==> flow/design.v <==
module u_data_mux_top #(
    parameter W = 4,
    parameter LANES = 7,
    parameter LG = $clog2(LANES)
) (
    input  wire sys_clk,
    input  wire [LANES*W-1:0] in,
    input  wire [LG-1:0] s,
    output reg [W-1:0] res
);
    reg [LANES*W-1:0] in_s;
    reg [LG-1:0] s_s;
    wire [LANES-1:0] hot;
    assign hot = {{(LANES-1){1'b0}}, 1'b1} << s_s;
    reg [LANES-1:0] hot_s;
    reg [LANES*W-1:0] in_s_d;
    reg [W-1:0] nxt;
    integer i;
    always @* begin
        nxt = 0;
        for (i = 0; i < LANES; i = i + 1)
            nxt = nxt | (in_s_d[i*W +: W] & {W{hot_s[i]}});
    end
    always @(posedge sys_clk) begin
        in_s <= in;
        s_s <= s;
        hot_s <= hot;
        in_s_d <= in_s;
        res <= nxt;
    end
endmodule
Step by step through the tools: u_data_mux_top. What the tools print for u_data_mux_top, step after step. Line numbers count from 1 in the design file above. Operators carry their Yosys type and port widths (W data, S select, Z words). Library cell names are shortened. A cell with -- has no value.

Top: u_data_mux_top. Clock input: sys_clk. Library: sky130hd. Corner: tt_025C_1v80.

Word-level counts. Source: Yosys, flattened and elaborated, memories not mapped. Widths are those after wreduce; folded enables and synchronous resets count as part of the registers. Registers that Yosys merges into a memory's read port (data or address) are not register bits. Print and check cells do not count. Equal cells are merged and count once.

Input bits: 32. The entry for word-level cells reads 19. The figure for bits in registers is 70. Under output and inout port bits stands 4.

Shift operators: 1. The figure for bitwise logic cells is 13.

Operator list (number): $and A4 B4 Y4 (7); $or A4 B4 Y4 (6); $shl A1 B3 Y7 const A (1).

Logic depth. Depth = most cells in a row (Yosys ltp): at word level without a register or memory, in the mapped netlist without a sequential cell, where the memories' decode and read muxes count.

The figure for depth after elaboration is 7. ABC_AREA: 0. For gate-level depth with buffers the number is 2. The figure for depth with buffers taken out is 2.

After synthesis. The flow's flattened synthesis, as Yosys stat reports it; memories are mapped. The netlist is that of the ABC_AREA named above (0 if unset); the other value can give another one. Totals and module areas in this step are rounded.

Cell types: dfxtp_1 (number 70, area in all 1.4E+03 um2); a22oi_1 (number 8, area in all 60.058 um2); a222oi_1 (number 4, area in all 40.038 um2); nor3b_1 (number 3, area in all 22.522 um2); nand3_1 (number 4, area in all 20.019 um2); and3b_1 (number 2, area in all 17.517 um2); nor3_1 (number 1, area in all 5.005 um2); nand2_1 (number 1, area in all 3.754 um2); nor2_1 (number 1, area in all 3.754 um2).

The figure for sequential area is 0.001401 mm2. Under buffers stands 0. The entry for cell area after synthesis reads 0.001574 mm2. Flip-flop cells: 70. Under standard cells after synthesis stands 94.

Path before layout. Source: OpenSTA report_checks on the synthesized netlist (no wires, ideal clock, input and output delay 20% of the period each), path of least setup slack; recovery checks are left aside. Register names are those of the netlist, which keeps one name where synthesis merged equal registers.

Kind: reg2reg. From: register hot_s[4]. To: register res[2]. For setup time the number is 134 ps. The figure for path buffers is 0. The entry for data required time reads 886 ps. The figure for driving pins on the path is 3. Arrival: 678 ps. The figure for slack is 208 ps. The figure for launch time at the first pin is 0 ps. For delay of the path the number is 812 ps. Under period stands 1020 ps. Synthesis period reached: 812 ps.

"delay of the path" = arrival - input delay + setup time. "driving pins on the path": output pins that drive a net of the path, with the launching flip-flop's if there is one; two outputs of one cell count as two. "synthesis period reached" = period - worst setup slack (recovery checks aside). The figure is calculated, with input and output delays left at 20% of the set period. Between the ends stands the longest chain of elaborated cells between them, by number of cells; it is not shown to be the way that was timed. Of several equally long chains one is given. Each line given opens the expression or statement behind the cell; cells for indexed reads and writes are added by Yosys, which also makes memories of some case tables.

Path through: dfxtp_1 -> a222oi_1 -> nand3_1. Length of the longest elaborated chain: 4. The figure for elaborated cells between the ends (all ways) is 4. For source lines of those cells the number is 1. Classes of those cells: 4 x logic.

Ends and longest elaborated chain, post-synthesis: start: declaration (RTL line 15) `reg [LANES-1:0] hot_s;`; start: assignment (RTL line 27) `hot_s <= hot;`; $and A4 B4 Y4 (RTL line 22) `nxt = nxt | (in_s_d[i*W +: W] & {W{hot_s[i]}});`; $or A4 B4 Y4 x3 (RTL line 22); end: assignment (RTL line 29) `res <= nxt;`; end: declaration (RTL line 9) `output reg [W-1:0] res`.

Worst path after layout. Path of least setup slack in the final report of entry A (OpenROAD, finished layout, wires in). Where an end is a register, its clock arrival counts in the times. The path's times are printed in steps of 10 ps; the period is the one set.

Kind: reg2reg. From: register hot_s[4]. To: register res[3]. The figure for path buffers is 0. The figure for launch time at the first pin is 330 ps. Under period stands 1020 ps. The figure for driving pins on the path is 3. The entry for data required time reads 1220 ps. For setup time the number is 130 ps. Arrival: 1190 ps. The figure for slack is 20 ps.

Between the ends stands the longest chain of elaborated cells between them, by number of cells; it is not shown to be the way that was timed. Of several equally long chains one is given.

Path through: dfxtp_2 -> a222oi_1 -> nand3_1. Length of the longest elaborated chain: 4. The figure for elaborated cells between the ends (all ways) is 4. For source lines of those cells the number is 1. Classes of those cells: 4 x logic.

Ends and longest elaborated chain, after layout: start: declaration (RTL line 15) `reg [LANES-1:0] hot_s;`; start: assignment (RTL line 27) `hot_s <= hot;`; $and A4 B4 Y4 (RTL line 22) `nxt = nxt | (in_s_d[i*W +: W] & {W{hot_s[i]}});`; $or A4 B4 Y4 x3 (RTL line 22); end: assignment (RTL line 29) `res <= nxt;`; end: declaration (RTL line 9) `output reg [W-1:0] res`.

Data sheet: physical implementation of u_data_mux_top

Design u_data_mux_top on sky130hd. What follows are 3 stored runs of the flow, each under its own settings; their order means nothing. The constraints put input and output delay at 20% of the set period each and load the outputs with 0.01 pF. "clock period reached" means the clock period less the worst setup slack. The figure is calculated, with input and output delays left at 20% of the set period. "time on the worst setup path" is the time allowed to the run's worst setup path (the clock period less input and output delay, where it has them) less its slack. Clock arrival times count: a late capture clock shortens it, a late launch clock lengthens it. By "total power of the final layout" is meant OpenSTA's value without simulated activity: inputs other than the clock are taken to toggle once in ten clock periods, and the tool carries that through the logic. "time on the worst setup path" is given in steps of 10 ps. Values from the reports are rounded here.

Entry A has these settings: period_ns 1.02; CAP_MARGIN 20; CORE_MARGIN 2; CORE_UTILIZATION 40; SLEW_MARGIN 20. The standard-cell area after routing is 0.002182 mm2. The clock period reached reads 998 ps. The measured utilization of the finished layout is 58.7%. The measured time on the worst setup path is 1000 ps. Worst setup path kind: reg2reg. The area of the synthesized netlist stands at 0.001574 mm2. The post-route setup TNS comes to 0 ps. The total power of the final layout stands at 0.005486 W. The measured worst setup slack after layout is 22 ps. The worst hold slack is 308 ps. For the die footprint the run shows 0.004453 mm2.

Entry B has these settings: period_ns 0.646; CORE_UTILIZATION 36; SETUP_SLACK_MARGIN 0.15; PLACE_DENSITY 0.35; HOLD_SLACK_MARGIN -0.08; CORE_ASPECT_RATIO 0.57; CORE_MARGIN 8; TNS_END_PERCENT 10; ABC_AREA 0; GPL_TIMING_DRIVEN 0; CAP_MARGIN 20; MAX_ROUTING_LAYER met4; SLEW_MARGIN 20. The standard-cell area after routing is 0.002177 mm2. The clock period reached reads 947 ps. The measured utilization of the finished layout is 51.1%. The measured time on the worst setup path is 950 ps. Worst setup path kind: reg2reg. The area of the synthesized netlist stands at 0.001574 mm2. The post-route setup TNS comes to -2105 ps. The total power of the final layout stands at 0.007944 W. The measured worst setup slack after layout is -301 ps. The worst hold slack is 233 ps. For the die footprint the run shows 0.006828 mm2.

Entry C has these settings: period_ns 0.511; CORE_UTILIZATION 51; PLACE_DENSITY_LB_ADDON 0.03; CELL_PAD_IN_SITES_GLOBAL_PLACEMENT 3; GPL_TIMING_DRIVEN 0; CTS_CLUSTER_SIZE 48; SLEW_MARGIN 35; MIN_ROUTING_LAYER met1; CAP_MARGIN 20; CORE_MARGIN 2. The standard-cell area after routing is 0.002145 mm2. The clock period reached reads 1003 ps. The measured utilization of the finished layout is 71.4%. The measured time on the worst setup path is 1000 ps. Worst setup path kind: reg2reg. The area of the synthesized netlist stands at 0.001574 mm2. The post-route setup TNS comes to -4508 ps. The total power of the final layout stands at 0.009668 W. The measured worst setup slack after layout is -492 ps. The worst hold slack is 127 ps. For the die footprint the run shows 0.003547 mm2.
